==> flow/design.v <==
module my_mplex_p #(
  parameter NBITS = 2,
  parameter WAYS = 4,
  parameter LG = $clog2(WAYS)
) (
  input  wire ck,
  input  wire rst,
  input  wire en,
  input  wire [WAYS*NBITS-1:0] val_i,
  input  wire [LG-1:0] addr_i,
  output wire [NBITS-1:0] y_o
);
  reg [WAYS*NBITS-1:0] val_reg;
  reg [LG-1:0] addr_reg;
  wire [NBITS-1:0] opt [0:WAYS-1];
  genvar g;
  generate
    for (g = 0; g < WAYS; g = g + 1) begin : lane
      assign opt[g] = val_reg[g*NBITS +: NBITS];
    end
  endgenerate
  assign y_o = opt[addr_reg];
  always @(posedge ck or posedge rst) begin
    if (rst) begin
      val_reg <= 0;
      addr_reg <= 0;
    end else if (en) begin
      val_reg <= val_i;
      addr_reg <= addr_i;
    end
  end
endmodule
# Tool chain data of my_mplex_p
# Module my_mplex_p in several versions that differ in "WAYS"; each step lists the members.
# The file above is the member WAYS = 4. Line numbers count from 1 in each member's own file.
# Cell names lack the library's common part.
# The mark -- stands for no value.
[design]
design = "my_mplex_p"
clock = "ck"
cell_library = "sky130hd"
pvt_corner = "tt_025C_1v80"

# Source of the members
# Lines of each other member's file that are new or changed against the file above; lines that a member lacks are not shown.
[src_changes]
columns = ["WAYS", "line_no", "source"]
rows = [
  [5, 3, "parameter WAYS = 5,"],
  [8, 3, "parameter WAYS = 8,"],
  [10, 3, "parameter WAYS = 10,"],
  [16, 3, "parameter WAYS = 16,"],
  [24, 3, "parameter WAYS = 24,"],
  [32, 3, "parameter WAYS = 32,"],
]

# Word-level counts
# Counts by Yosys on the flattened word-level netlist (proc, flatten, opt, wreduce). Print and check cells are left out. Cells with the same type and inputs are merged into one.
[word_totals]
columns = ["WAYS", "ff_bits", "input_bits"]
rows = [
  [4, 10, 13],
  [5, 13, 16],
  [8, 19, 22],
  [10, 24, 27],
  [16, 36, 39],
  [24, 53, 56],
  [32, 69, 72],
]
[op_classes]
columns = ["WAYS", "equal", "mux", "reduce_logical"]
rows = [
  [4, 3, 1, 1],
  [5, 4, 1, 1],
  [8, 7, 1, 1],
  [10, 9, 1, 1],
  [16, 15, 1, 1],
  [24, 23, 1, 1],
  [32, 31, 1, 1],
]
[op_table]
columns = ["WAYS", "operators"]
rows = [
  [4, "1 x 2-bit parallel mux with 4-bit select; 2 x 2-bit == test (second input constant); 1 x 2-bit by 1-bit == test with 1-bit output (second input constant); 1 x 2-bit logical NOT"],
  [5, "1 x 2-bit parallel mux with 5-bit select; 2 x 3-bit by 2-bit == test with 1-bit output (second input constant); 1 x 3-bit by 1-bit == test with 1-bit output (second input constant); 1 x 3-bit == test (second input constant); 1 x 3-bit logical NOT"],
  [8, "1 x 2-bit parallel mux with 8-bit select; 4 x 3-bit == test (second input constant); 2 x 3-bit by 2-bit == test with 1-bit output (second input constant); 1 x 3-bit by 1-bit == test with 1-bit output (second input constant); 1 x 3-bit logical NOT"],
  [10, "1 x 2-bit parallel mux with 10-bit select; 4 x 4-bit by 3-bit == test with 1-bit output (second input constant); 2 x 4-bit by 2-bit == test with 1-bit output (second input constant); 2 x 4-bit == test (second input constant); 1 x 4-bit by 1-bit == test with 1-bit output (second input constant); 1 x 4-bit logical NOT"],
  [16, "8 x 4-bit == test (second input constant); 1 x 2-bit parallel mux with 16-bit select; 4 x 4-bit by 3-bit == test with 1-bit output (second input constant); 2 x 4-bit by 2-bit == test with 1-bit output (second input constant); 1 x 4-bit by 1-bit == test with 1-bit output (second input constant); 1 x 4-bit logical NOT"],
  [24, "1 x 2-bit parallel mux with 24-bit select; 8 x 5-bit by 4-bit == test with 1-bit output (second input constant); 8 x 5-bit == test (second input constant); 4 x 5-bit by 3-bit == test with 1-bit output (second input constant); 2 x 5-bit by 2-bit == test with 1-bit output (second input constant); 1 x 5-bit by 1-bit == test with 1-bit output (second input constant); 1 x 5-bit logical NOT"],
  [32, "16 x 5-bit == test (second input constant); 1 x 2-bit parallel mux with 32-bit select; 8 x 5-bit by 4-bit == test with 1-bit output (second input constant); 4 x 5-bit by 3-bit == test with 1-bit output (second input constant); 2 x 5-bit by 2-bit == test with 1-bit output (second input constant); 1 x 5-bit by 1-bit == test with 1-bit output (second input constant); 1 x 5-bit logical NOT"],
]

# Longest topological paths
# Longest topological path by Yosys (ltp), each cell counted once; first at word level (registers and memories cut), then after technology mapping (sequential cells cut; the memories' decode and read muxes count).
[logic_depth]
columns = ["WAYS", "depth_word", "ABC_AREA", "ltp_mapped"]
rows = [
  [4, 2, 0, 2],
  [5, 2, 0, 4],
  [8, 2, 0, 4],
  [10, 2, 0, 5],
  [16, 2, 0, 6],
  [24, 2, 0, 7],
  [32, 2, 0, 7],
]

# Mapped cells and area
# Source: synth_stat.txt of the flow (Yosys; design flattened, memories mapped). It holds for the ABC_AREA given above (unset counts as 0); a run with the other value may have another netlist.
[synth_totals]
columns = ["WAYS", "mapped_cells", "yosys_area_mm2", "ffs", "buffers"]
rows = [
  [4, 24, 0.0004242, 10, 1],
  [5, 49, 0.0006231, 13, 3],
  [8, 64, 0.0008783, 19, 5],
  [10, 94, 0.0011949, 24, 7],
  [16, 147, 0.0017154, 36, 11],
  [24, 193, 0.0025299, 53, 13],
  [32, 263, 0.0033207, 69, 20],
]
[by_type]
columns = ["WAYS", "type_list"]
rows = [
  [4, "10 x dfrtp_1; 10 x mux2_2; 2 x mux4_1; 1 x buf_2; 1 x inv_1"],
  [5, "13 x dfrtp_1; 11 x mux2_1; 4 x nand3b_1; 2 x nor4b_1; 2 x o22a_1; 2 x a211oi_1; 1 x nor3b_2; 1 x buf_6; 1 x mux2_2; 3 x nand2_1; 2 x a21oi_1; 2 x buf_2; 1 x a211o_1; 2 x inv_1; 1 x nor2b_1; 1 x o21ai_1"],
  [8, "19 x dfrtp_1; 18 x mux2_2; 6 x mux2i_1; 2 x buf_6; 3 x buf_2; 1 x mux2_4; 3 x o21ai_0; 3 x nand2_1; 1 x a22o_1; 1 x a32oi_1; 1 x o221ai_1; 1 x o2bb2ai_1; 2 x inv_1; 1 x o211ai_1; 1 x a31oi_1; 1 x nand3_1"],
  [10, "24 x dfrtp_1; 22 x mux2_2; 2 x buf_6; 4 x buf_2; 2 x mux2i_1; 4 x o21ai_0; 2 x o32a_1; 1 x and4bb_4; 1 x a2111oi_2; 1 x a311oi_2; 4 x nand2_1; 2 x a31oi_1; 1 x and4bb_1; 2 x nor2b_1; 3 x inv_1; 3 x nor2_1; 2 x a21oi_1; 1 x and2b_4; (+13)"],
  [16, "36 x dfrtp_1; 33 x mux2_2; 15 x nand2_1; 8 x o21ai_0; 6 x buf_2; 3 x mux2i_1; 3 x buf_4; 6 x inv_1; 4 x a21oi_1; 3 x nand3_1; 4 x nor2_1; 2 x o211ai_1; 2 x a31oi_1; 2 x nor2b_1; 2 x nor4_1; 2 x o22ai_1; 1 x buf_6; 1 x nor3_2; (+14)"],
  [24, "53 x dfrtp_1; 54 x mux2_2; 8 x mux2i_1; 7 x buf_2; 8 x nand2_1; 3 x a41oi_1; 4 x nand2b_1; 1 x mux4_2; 3 x nand3b_1; 3 x nor3b_1; 4 x nor3_1; 3 x nor4_1; 2 x a221oi_1; 2 x a32oi_1; 3 x a21oi_1; 2 x buf_4; 1 x buf_8; 3 x nand3_1; (+29)"],
  [32, "69 x dfrtp_1; 71 x mux2_2; 5 x mux2i_1; 9 x buf_2; 8 x nand3_1; 8 x o21ai_0; 10 x nand2_1; 6 x nor2b_1; 4 x a32oi_1; 4 x a22oi_1; 8 x nor2_1; 4 x a31oi_1; 3 x buf_4; 6 x clkbuf_1; 1 x mux4_2; 3 x nor3b_1; 3 x o31ai_1; 1 x buf_12; (+40)"],
]
# A list marked (+n) leaves out that many cells.

# Timing after synthesis
# Source: OpenSTA report_checks on the synthesized netlist (no wires, ideal clock, input and output delay 20% of the period each), path of least setup slack; recovery checks are left aside. Register names are those of the netlist, which keeps one name where synthesis merged equal registers.
[synth_timing]
columns = ["WAYS", "path_kind", "startpoint", "endpoint", "period_ns", "path_slack_ns", "path_stages", "path_delay_ns", "synth_period_reached_ns"]
rows = [
  [4, "flip-flop to output port", "reg addr_reg[0]", "out y_o[0]", 1.5, 0.238, 2, 0.962, 1.262],
  [5, "flip-flop to output port", "reg addr_reg[0]", "out y_o[1]", 1.75, 0.279, 5, 1.121, 1.471],
  [8, "flip-flop to output port", "reg addr_reg[0]", "out y_o[1]", 1.59, 0.253, 5, 1.019, 1.337],
  [10, "flip-flop to output port", "reg addr_reg[3]", "out y_o[0]", 2.04, 0.329, 6, 1.303, 1.711],
  [16, "flip-flop to output port", "reg addr_reg[3]", "out y_o[0]", 1.96, 0.314, 7, 1.254, 1.646],
  [24, "flip-flop to output port", "reg addr_reg[0]", "out y_o[0]", 2.22, 0.353, 7, 1.423, 1.867],
  [32, "flip-flop to output port", "reg addr_reg[0]", "out y_o[0]", 2.27, 0.361, 7, 1.455, 1.909],
]
# "path_delay_ns" is the arrival time less input delay plus setup time.
# A path that ends at an output port has no setup time.
# "path_stages" counts driving pins, that of a launching flip-flop among them; a cell with two outputs on the path counts twice.
# "synth_period_reached_ns" is the clock period less the worst setup slack; recovery checks do not enter. This is arithmetic on one report: input and output delays are still those of the set period (20% each).
# Between the ends stands the longest chain of elaborated cells between them, by number of cells; it is not shown to be the way that was timed. Of several equally long chains one is given.
# A line is the first line of the expression or statement that the cell stems from. Yosys adds cells for indexed reads and writes and turns some case tables into memories.
[synth_between_WAYS_4]
elab_chain_len = 2
[synth_lines_WAYS_4]
columns = ["element", "line_no", "source"]
rows = [
  ["from (decl)", 14, "reg [LG-1:0] addr_reg;"],
  ["from (assign)", 26, "addr_reg <= 0;"],
  ["from (assign)", 29, "addr_reg <= addr_i;"],
  ["2-bit == test", 22, "assign y_o = opt[addr_reg];"],
  ["2-bit parallel mux with 4-bit select", 22, ""],
  ["to (decl)", 11, "output wire [NBITS-1:0] y_o"],
]
[synth_between_WAYS_32]
elab_chain_len = 2
[synth_lines_WAYS_32]
columns = ["element", "line_no", "source"]
rows = [
  ["from (decl)", 14, "reg [LG-1:0] addr_reg;"],
  ["from (assign)", 26, "addr_reg <= 0;"],
  ["from (assign)", 29, "addr_reg <= addr_i;"],
  ["5-bit == test", 22, "assign y_o = opt[addr_reg];"],
  ["2-bit parallel mux with 32-bit select", 22, ""],
  ["to (decl)", 11, "output wire [NBITS-1:0] y_o"],
]

# Path in the finished layout
# From the final timing report of each member's run: the path of least setup slack in the routed layout; clock arrival at registers is part of the times.
[layout_timing]
columns = ["WAYS", "path_kind", "startpoint", "endpoint", "period_ns", "path_slack_ns", "path_stages", "arrival_time_ns", "path_buffers"]
rows = [
  [4, "flip-flop to output port", "reg addr_reg[0]", "out y_o[0]", 1.5, -0.11, 3, 1.31, 1],
  [5, "flip-flop to output port", "reg addr_reg[0]", "out y_o[1]", 1.75, -0.10, 5, 1.50, 1],
  [8, "flip-flop to output port", "reg addr_reg[2]", "out y_o[0]", 1.59, -0.16, 5, 1.43, 1],
  [10, "flip-flop to output port", "reg addr_reg[3]", "out y_o[0]", 2.04, -0.22, 7, 1.85, 2],
  [16, "flip-flop to output port", "reg addr_reg[3]", "out y_o[0]", 1.96, -0.14, 6, 1.70, 1],
  [24, "flip-flop to output port", "reg addr_reg[1]", "out y_o[0]", 2.22, -0.29, 7, 2.07, 2],
  [32, "flip-flop to output port", "reg addr_reg[0]", "out y_o[0]", 2.27, -0.27, 8, 2.08, 2],
]

# Flow runs
# One run of the flow (Yosys, OpenROAD) for each member, with settings and measured results. Input and output delays are each 20% of the period that was set; the output load is 0.01 pF.
[settings]
CAP_MARGIN = 20
CORE_MARGIN = 2
CORE_UTILIZATION = 40
SLEW_MARGIN = 20
[settings_diff]
columns = ["WAYS", "period_ns"]
rows = [
  [4, 1.5],
  [5, 1.75],
  [8, 1.59],
  [10, 2.04],
  [16, 1.96],
  [24, 2.22],
  [32, 2.27],
]
[measured]
columns = ["WAYS", "yosys.chip_area_mm2", "dieArea_mm2", "final_cell_area_mm2", "ws_setup_ns", "setup_tns_ns", "timing.achieved_period_ns"]
rows = [
  [4, 0.0004242, 0.001337, 0.0006193, -0.108, -0.213, 1.608],
  [5, 0.0006231, 0.0018896, 0.0009021, -0.103, -0.180, 1.853],
  [8, 0.0008783, 0.0025867, 0.0011987, -0.157, -0.290, 1.747],
  [10, 0.0011949, 0.0034404, 0.001619, -0.223, -0.345, 2.263],
  [16, 0.0017154, 0.0048282, 0.0024674, -0.137, -0.273, 2.097],
  [24, 0.0025299, 0.0069773, 0.0035472, -0.292, -0.490, 2.512],
  [32, 0.0033207, 0.0090469, 0.0045719, -0.267, -0.467, 2.537],
]
# By "timing.achieved_period_ns" is meant the clock period of the run minus its worst setup slack. This is arithmetic on one report: input and output delays are still those of the set period (20% each).
